==> flow/design.v <==
module my_selector #(
    parameter int WIDTH = 20,
    parameter int LANES = 3
) (
    input  logic sys_clk,
    input  logic RST,
    input  logic [LANES*WIDTH-1:0] data_in,
    input  logic [LANES-1:0] addr_in,
    output logic [WIDTH-1:0] z_o_out
);
    logic [LANES*WIDTH-1:0] data_d1;
    logic [LANES-1:0] addr_d1;
    always_ff @(posedge sys_clk or posedge RST) begin
        if (RST) begin
            data_d1 <= '0;
            addr_d1 <= '0;
        end else begin
            data_d1 <= data_in;
            addr_d1 <= addr_in;
        end
    end
    logic [WIDTH-1:0] work;
    always_comb begin
        work = '0;
        for (int n = 0; n < LANES; n++)
            work = work | (data_d1[n*WIDTH +: WIDTH] & {WIDTH{addr_d1[n]}});
    end
    always_ff @(posedge sys_clk or posedge RST) begin
        if (RST) begin
            z_o_out <= '0;
        end else begin
            z_o_out <= work;
        end
    end
endmodule
; Step by step through the tools: my_selector
; What the tools print for my_selector, step after step.
; Line numbers count from 1 in the design file above.
; Library cell names are shortened.
; A cell with -- has no value.
[design]
design = my_selector
clock = sys_clk
lib = sky130hd
lib_corner = tt_025C_1v80

; After elaboration
; Source: Yosys, flattened and elaborated, memories not mapped. Widths are those after wreduce; folded enables and synchronous resets count as part of the registers. Registers that Yosys merges into a memory's read port (data or address) are not register bits. Print and check cells do not count. Equal cells are merged and count once.
[op_classes]
logic = 5
[op_table]
columns = cell, n
row1 = bitwise AND 20 bit, 3
row2 = OR 20 bit, 2
[bits]
out_inout_bits = 20
ff_bits = 83
input_bits = 65

; Logic depth
; Depth = most cells in a row (Yosys ltp): at word level without a register or memory, in the mapped netlist without a sequential cell, where the memories' decode and read muxes count.
[logic_depth]
depth_word = 3
abc_area = 0
ltp_mapped = 3
depth_no_buf = 2

; Mapped cells and area
; Yosys stat after the flow's synthesis: flattened, memories mapped to cells. It holds for the ABC_AREA given above (unset counts as 0); a run with the other value may have another netlist.
[by_type]
columns = type, n
row1 = dfrtp_1, 83
row2 = a222oi_1, 20
row3 = inv_1, 21
row4 = buf_6, 2
row5 = buf_4, 2
row6 = buf_2, 2
[synth_totals]
cell_count = 130
mapped_area_um2 = 2403.6
ffs = 83

; Worst setup path after synthesis
; Source: OpenSTA report_checks on the synthesized netlist (no wires, ideal clock, input and output delay 20% of the period each), path of least setup slack; recovery checks are left aside. Register names are those of the netlist, which keeps one name where synthesis merged equal registers.
[synth_path]
path_type = flip-flop to flip-flop
start = reg addr_d1[0]
end = reg z_o_out[18]
path_buffers = 1
launch_ps = 0
stages = 4
delay_ps = 977
setup_slack_ps = 243
t_required_ps = 1093
setup_time_ps = 127
arrival_ps = 850
period_ps = 1220
period_less_setup_slack_ps = 977
; "delay_ps" is the arrival time less input delay plus setup time.
; "stages": output pins that drive a net of the path, with the launching flip-flop's if there is one; two outputs of one cell count as two.
; "period_less_setup_slack_ps" is the clock period less the worst setup slack; recovery checks do not enter. This is arithmetic on one report: input and output delays are still those of the set period (20% each).
; Between the ends stands the longest chain of elaborated cells between them, by number of cells; it is not shown to be the way that was timed. Of several equally long chains one is given.
; Each line given opens the expression or statement behind the cell; cells for indexed reads and writes are added by Yosys, which also makes memories of some case tables.
[synth_between]
path_cell_list = dfrtp_1 buf_6 a222oi_1 inv_1
elab_chain_len = 3
cells_between = 3
classes_between = logic (3)
[synth_rtl]
columns = item, line
row1 = start: declaration, 12  ; logic [LANES-1:0] addr_d1;
row2 = start: assignment, 16  ; addr_d1 <= '0;
row3 = start: assignment, 19  ; addr_d1 <= addr_in;
row4 = bitwise AND 20 bit, 26  ; work = work | (data_d1[n*WIDTH +: WIDTH] & {WIDTH{addr_d1[n]}});
row5 = OR 20 bit (2 in a row), 26
row6 = end: assignment, 30  ; z_o_out <= '0;
row7 = end: assignment, 32  ; z_o_out <= work;
row8 = end: declaration, 9  ; output logic [WIDTH-1:0] z_o_out

; Path in the finished layout
; Path of least setup slack in the final report of flow run 2 (OpenROAD, finished layout, wires in). Where an end is a register, its clock arrival counts in the times.
; The path's times are printed in steps of 10 ps; the period is the one set.
[layout_path]
path_type = flip-flop to output port
start = reg z_o_out[8]
end = out z_o_out[8]
stages = 2
setup_slack_ps = 50
path_buffers = 1
arrival_ps = 930
out_delay_ps = 240
launch_ps = 320
period_ps = 1220
t_required_ps = 980
[layout_between]
path_cell_list = dfrtp_1 clkdlybuf4s15_1
elab_chain_len = 0
cells_between = 0
[layout_rtl]
columns = item, line
row1 = start: declaration, 9  ; output logic [WIDTH-1:0] z_o_out
row2 = start: assignment, 30  ; z_o_out <= '0;
row3 = start: assignment, 32  ; z_o_out <= work;
row4 = end: declaration, 9

; Flow measurements of my_selector on sky130hd: 3 stored runs with different settings, listed in no order. Input and output delays are each 20% of the period that was set; the output load is 0.01 pF.
; "achieved_period_ps": clock period set for the run, less the worst setup slack. It is reckoned from that one timing run; input and output delays stay at 20% of the period that was set.
; "power_total_w": no workload was simulated; the value follows from the tool's default switching activity.

[flow run 1: settings]
period_ns = 1.28
CORE_UTILIZATION = 58
SETUP_SLACK_MARGIN = -0.12
PLACE_DENSITY_LB_ADDON = 0.12
CORE_ASPECT_RATIO = 0.92
CORE_MARGIN = 6
CELL_PAD_IN_SITES_GLOBAL_PLACEMENT = 1
CELL_PAD_IN_SITES_DETAIL_PLACEMENT = 1
SLEW_MARGIN = 20
MIN_ROUTING_LAYER = met2
MAX_ROUTING_LAYER = met5
CAP_MARGIN = 20
[flow run 1: results]
outcome = did not finish, placement stopped with DPL-0033

[flow run 2: settings]
period_ns = 1.22
CAP_MARGIN = 20
CORE_MARGIN = 2
CORE_UTILIZATION = 40
SLEW_MARGIN = 20
[flow run 2: results]
layout_stdcell_area_um2 = 3512.1
setup_tns_ps = 0
final_die_area_um2 = 6644.7
synthArea_um2 = 2403.6
achieved_period_ps = 1170
power_total_w = 0.005161
worst_setup_slack_ps = 50

[flow run 3: settings]
period_ns = 0.702
CORE_UTILIZATION = 54
SETUP_SLACK_MARGIN = 0.01
PLACE_DENSITY_LB_ADDON = 0.08
CORE_ASPECT_RATIO = 0.56
CELL_PAD_IN_SITES_GLOBAL_PLACEMENT = 3
CELL_PAD_IN_SITES_DETAIL_PLACEMENT = 2
TNS_END_PERCENT = 100
ABC_AREA = 0
GPL_ROUTABILITY_DRIVEN = 0
CTS_CLUSTER_SIZE = 100
CTS_CLUSTER_DIAMETER = 26
SLEW_MARGIN = 35
MAX_ROUTING_LAYER = met5
CAP_MARGIN = 20
CORE_MARGIN = 2
[flow run 3: results]
outcome = did not finish, placement stopped with FLW-0024
